==> flow/design.v <==
module mul_unit_rtl #(
   parameter BITS = 12
) (
   input wire CLK,
   input wire ce,
   input wire [BITS-1:0] x,
   input wire [BITS-1:0] y,
   output wire [2*BITS-1:0] p
);
   reg [BITS-1:0] r_x;
   reg [BITS-1:0] r_y;
   always @(posedge CLK) begin
      if (ce) begin
         r_x <= x;
         r_y <= y;
      end
   end
   wire [BITS:0] node [0:BITS];
   wire [BITS-1:0] lo;
   assign node[0] = 0;
   genvar i;
   generate
      for (i = 0; i < BITS; i = i + 1) begin : stage
         add_row #(.N(BITS)) inst (.a(r_x), .sel(r_y[i]), .pin(node[i][BITS:1]), .pout(node[i+1]));
         assign lo[i] = node[i+1][0];
      end
   endgenerate
   reg [2*BITS-1:0] r_p;
   always @(posedge CLK) begin
      if (ce) begin
         r_p <= {node[BITS][BITS:1], lo};
      end
   end
   assign p = r_p;
endmodule
module add_row #(parameter N = 4) (
   input wire [N-1:0] a,
   input wire sel,
   input wire [N-1:0] pin,
   output wire [N:0] pout
);
   assign pout = pin + (a & {N{sel}});
endmodule
* Tool chain data of mul_unit_rtl *
The steps from the RTL of mul_unit_rtl to its reports follow in flow order.
Lines are those of the file above, counted from 1.
Cell names lack the library's common part.
A cell with n/a has no value.

inputs
  top module = mul_unit_rtl
  clock port = CLK
  library = sky130hd
  timing corner = tt_025C_1v80

* Word level *
Counts by Yosys on the flattened word-level netlist (proc, flatten, opt, wreduce; memories kept). Register bits leave out memories and registers merged into their read ports (data or address); mux counts leave out enables and synchronous resets folded into registers. Print and check cells are left out. Cells with the same type and inputs are merged into one.

cells by class
  eq/ne operators = 0
  shift-type cells = 0
  divide/modulo/power cells = 0
  reductions and logical operators = 0
  order comparisons = 0
  multiplexer cells = 0
  add/subtract/negate cells = 11
  bitwise operators = 12
  multiply operators = 0

operators with widths
  operator                                   count
  12-bit bitwise AND                         12
  12-bit by 13-bit adder with 13-bit output  10
  11-bit by 13-bit adder with 13-bit output  1

word-level totals
  input bits = 26
  memories = 0
  memory bits (read-only) = 0
  bits in latches = 0
  word-level cells = 26
  bits in writable memories = 0
  bits in registers = 48
  output and inout bits = 24
  word width x clocked read ports = 0

* Depth *
Depth = most cells in a row (Yosys ltp): at word level without a register or memory, in the mapped netlist without a sequential cell, where the memories' decode and read muxes count.

logic depth
  word-level depth = 12
  ABC_AREA = 0
  depth in mapped cells = 67
  gate-level depth less buffers = 64

* Mapped cells and area *
The flow's flattened synthesis, as Yosys stat reports it; memories are mapped. The netlist is that of the ABC_AREA named above (0 if unset); the other value can give another one.
Totals and module areas in this step are rounded.

synthesis totals
  flip-flop cells = 48
  buffer cells = 32
  mapped area = 8,470 sq um
  cells in the netlist = 1,039
  area of sequential cells = 1,440 sq um

cell types
  cell      count  total area (sq um)
  ha_1      134    1.68E+03
  edfxtp_1  48     1.44E+03
  and2_1    133    832.048
  xnor2_1   75     656.88
  a21oi_1   72     360.346
  a21o_1    40     300.288
  o21ai_0   58     290.278
  nor2_1    65     243.984
  fa_1      11     220.211
  inv_1     53     198.941
  nand2_1   53     198.941
  a211oi_1  24     180.173
  nor2b_1   24     150.144
  o21a_1    18     135.13
  clkbuf_1  32     120.115
  nor3_1    23     115.11
  nand2b_1  15     93.84
  nand3_1   18     90.086

Not listed: further types 35, cells in them 143.
The figures by module come from a second, unflattened synthesis with its own total; it is not the netlist above.

unflattened totals
  cell total of the unflattened synthesis = 1,153
  area total of the unflattened synthesis = 9,880 sq um

Rows give one instance, submodules left out.

modules
  module          instances  sequential area (sq um)  cells  area (sq um)
  add_row (N=12)  12         0.0                      92     703
  mul_unit_rtl    1          1,440                    49     1,450

* Path before layout *
Source: OpenSTA report_checks on the synthesized netlist (no wires, ideal clock, input and output delay 20% of the period each), path of least setup slack; recovery checks are left aside. Register names are those of the netlist, which keeps one name where synthesis merged equal registers.

path post-synthesis
  path type = register -> register
  start point = reg r_y[1]
  end point = reg r_p[23]
  clock period = 15.4 ns
  driving pins on the path = 61
  data required time = 15.139 ns
  data arrival time = 12.055 ns
  path buffers = 4
  library setup time = 0.261 ns
  delay of the path = 12.316 ns
  setup slack = 3.084 ns
  time at the first pin = 0.000 ns
  synthesis period reached = 12.316 ns

"delay of the path" = arrival - input delay + setup time.
"driving pins on the path": output pins that drive a net of the path, with the launching flip-flop's if there is one; two outputs of one cell count as two.
"synthesis period reached" = period - worst setup slack (recovery checks aside). The figure is calculated, with input and output delays left at 20% of the set period.
Between the ends stands the longest chain of elaborated cells between them, by number of cells; it is not shown to be the way that was timed. Of several equally long chains one is given.
Each line given opens the expression or statement behind the cell; cells for indexed reads and writes are added by Yosys, which also makes memories of some case tables.

on the way, post-synthesis
  cells stage by stage = edfxtp_1 -> clkbuf_1 -> and2_1 -> ha_1 -> inv_1 -> fa_1 -> nor2b_4 -> o31a_1 -> o21ai_0 -> a21oi_1 -> xor2_1 -> ha_1 -> a21o_1 -> a211oi_1 -> nor2_1 -> a211oi_1 -> xnor2_1 -> ha_1 -> [... 25 more ...] -> a21boi_0 -> xnor2_1 -> ha_1 -> and3_1 -> a41oi_1 -> xnor2_1 -> ha_1 -> inv_1 -> nor4_1 -> a21oi_1 -> o311a_1 -> o311ai_0 -> ha_1 -> clkbuf_1 -> a21oi_1 -> nor2_1 -> o21a_1 -> a311o_1
  cells in the longest elaborated chain = 12
  elaborated cells on any way between the ends = 12
  RTL lines with such cells = 1
  classes of those cells = add/sub: 11; logic: 1

ends and longest elaborated chain, post-synthesis
  element                                        RTL line  text
  start: declaration                             11        reg [BITS-1:0] r_y;
  start: assignment                              15        r_y <= y;
  12-bit bitwise AND                             42        assign pout = pin + (a & {N{sel}});
  11-bit by 13-bit adder with 13-bit output      42
  12-bit by 13-bit adder with 13-bit output x10  42
  end: assignment                                31        r_p <= {node[BITS][BITS:1], lo};
  end: declaration                               28        reg [2*BITS-1:0] r_p;

* Worst path after layout *
From the final timing report of job 1: the path of least setup slack in the routed layout; clock arrival at registers is part of the times.

path post-layout
  path type = register -> register
  start point = reg r_y[1]
  end point = reg r_p[23]
  setup slack = 9.42 ns
  driving pins on the path = 62
  data required time = 23.96 ns
  time at the first pin = 0.30 ns
  library setup time = 0.24 ns
  clock period = 23.9 ns
  path buffers = 4
  data arrival time = 14.54 ns

Between the ends stands the longest chain of elaborated cells between them, by number of cells; it is not shown to be the way that was timed. Of several equally long chains one is given.

on the way, post-layout
  cells stage by stage = edfxtp_1 -> clkbuf_1 -> and2_1 -> ha_1 -> inv_1 -> fa_1 -> nor2b_4 -> o31a_1 -> o21ai_0 -> a21oi_1 -> xor2_1 -> ha_1 -> a21oi_1 -> o21ai_0 -> a31o_2 -> a21oi_1 -> xnor2_1 -> ha_1 -> [... 26 more ...] -> xnor2_1 -> ha_1 -> a21oi_1 -> o21ai_0 -> a41oi_1 -> xnor2_1 -> ha_1 -> inv_1 -> nor4_1 -> a21oi_1 -> o311a_1 -> o311ai_0 -> ha_1 -> clkbuf_1 -> a21oi_1 -> nor2_1 -> o21a_1 -> a311o_1
  cells in the longest elaborated chain = 12
  elaborated cells on any way between the ends = 12
  RTL lines with such cells = 1
  classes of those cells = add/sub: 11; logic: 1

ends and longest elaborated chain, post-layout
  element                                        RTL line  text
  start: declaration                             11        reg [BITS-1:0] r_y;
  start: assignment                              15        r_y <= y;
  12-bit bitwise AND                             42        assign pout = pin + (a & {N{sel}});
  11-bit by 13-bit adder with 13-bit output      42
  12-bit by 13-bit adder with 13-bit output x10  42
  end: assignment                                31        r_p <= {node[BITS][BITS:1], lo};
  end: declaration                               28        reg [2*BITS-1:0] r_p;

Design mul_unit_rtl on sky130hd. What follows are 3 stored runs of the flow, each under its own settings; their order means nothing. The constraints put input and output delay at 20% of the set period each and load the outputs with 0.01 pF.
"achieved clock period" means the clock period less the worst setup slack. The figure is calculated, with input and output delays left at 20% of the set period.
"worst setup path time": the worst setup path's part of the clock period (all of it between registers, 20% less for each end at a port) less its slack. A launch clock that arrives late makes it longer, a capture clock that arrives late makes it shorter.
The measured numbers are rounded.

Job 1
==> flow/run.sh <==
#!/bin/bash
# the make line also repeats the synthesis and layout settings of config.mk as NAME=value (left out here)
make -C /OpenROAD-flow-scripts/flow DESIGN_CONFIG=/design/flow/config.mk WORK_HOME=/design/flow/orfs CLKGATE_MAP_FILE= finish
==> flow/config.mk <==
export PLATFORM = sky130hd
export DESIGN_NAME = mul_unit_rtl
export DESIGN_NICKNAME = mul_unit_rtl
export VERILOG_FILES = /design/flow/design.v
export SDC_FILE = /design/flow/constraint.sdc
export NUM_CORES = 4
export LEC_CHECK = 0
export CAP_MARGIN = 20
export CORE_MARGIN = 2
export CORE_UTILIZATION = 30
export CTS_CLUSTER_SIZE = 47
export GPL_TIMING_DRIVEN = 0
export MAX_ROUTING_LAYER = met4
export MIN_ROUTING_LAYER = met2
export PLACE_DENSITY_LB_ADDON = 0.08
export SETUP_SLACK_MARGIN = 5.0
export SLEW_MARGIN = 20
export TNS_END_PERCENT = 40
==> flow/constraint.sdc <==
create_clock -name core_clock -period 23.9 [get_ports {CLK}]
set_input_delay 4.7800 -clock core_clock [delete_from_list [all_inputs] [get_ports {CLK}]]
set_output_delay 4.7800 -clock core_clock [all_outputs]
set_load 0.01 [all_outputs]

==> results of job 1 <==
chip area after synthesis (Yosys): 8,470 sq um
die area: 29,600 sq um
standard-cell area of the final layout: 9,600 sq um
utilization: 34.6 %
worst setup slack after layout: 9.42 ns
total negative slack: 0.000 ns
worst hold slack: 0.603 ns
achieved clock period: 14.475 ns
worst setup path time: 14.48 ns
worst setup path kind: register -> register

Job 2
==> flow/run.sh <==
#!/bin/bash
# the make line also repeats the synthesis and layout settings of config.mk as NAME=value (left out here)
make -C /OpenROAD-flow-scripts/flow DESIGN_CONFIG=/design/flow/config.mk WORK_HOME=/design/flow/orfs CLKGATE_MAP_FILE= finish
==> flow/config.mk <==
export PLATFORM = sky130hd
export DESIGN_NAME = mul_unit_rtl
export DESIGN_NICKNAME = mul_unit_rtl
export VERILOG_FILES = /design/flow/design.v
export SDC_FILE = /design/flow/constraint.sdc
export NUM_CORES = 4
export LEC_CHECK = 0
export ABC_AREA = 1
export CAP_MARGIN = 20
export CORE_ASPECT_RATIO = 1.37
export CORE_MARGIN = 2
export CORE_UTILIZATION = 36
export CTS_CLUSTER_DIAMETER = 23
export MAX_ROUTING_LAYER = met5
export SLEW_MARGIN = 20
export TNS_END_PERCENT = 10
==> flow/constraint.sdc <==
create_clock -name core_clock -period 18.0 [get_ports {CLK}]
set_input_delay 3.6000 -clock core_clock [delete_from_list [all_inputs] [get_ports {CLK}]]
set_output_delay 3.6000 -clock core_clock [all_outputs]
set_load 0.01 [all_outputs]

==> results of job 2 <==
chip area after synthesis (Yosys): 9,930 sq um
die area: 28,900 sq um
standard-cell area of the final layout: 11,000 sq um
utilization: 40.4 %
worst setup slack after layout: 5.73 ns
total negative slack: 0.000 ns
worst hold slack: 0.899 ns
achieved clock period: 12.269 ns
worst setup path time: 12.27 ns
worst setup path kind: register -> register

Job 3
==> flow/run.sh <==
#!/bin/bash
# the make line also repeats the synthesis and layout settings of config.mk as NAME=value (left out here)
make -C /OpenROAD-flow-scripts/flow DESIGN_CONFIG=/design/flow/config.mk WORK_HOME=/design/flow/orfs CLKGATE_MAP_FILE= finish
==> flow/config.mk <==
export PLATFORM = sky130hd
export DESIGN_NAME = mul_unit_rtl
export DESIGN_NICKNAME = mul_unit_rtl
export VERILOG_FILES = /design/flow/design.v
export SDC_FILE = /design/flow/constraint.sdc
export NUM_CORES = 4
export LEC_CHECK = 0
export CAP_MARGIN = 20
export CORE_MARGIN = 2
export CORE_UTILIZATION = 40
export SLEW_MARGIN = 20
==> flow/constraint.sdc <==
create_clock -name core_clock -period 15.4 [get_ports {CLK}]
set_input_delay 3.0800 -clock core_clock [delete_from_list [all_inputs] [get_ports {CLK}]]
set_output_delay 3.0800 -clock core_clock [all_outputs]
set_load 0.01 [all_outputs]

==> results of job 3 <==
chip area after synthesis (Yosys): 8,470 sq um
die area: 22,300 sq um
standard-cell area of the final layout: 9,350 sq um
utilization: 44.8 %
worst setup slack after layout: 1.75 ns
total negative slack: 0.000 ns
worst hold slack: 0.802 ns
achieved clock period: 13.652 ns
worst setup path time: 13.65 ns
worst setup path kind: register -> register
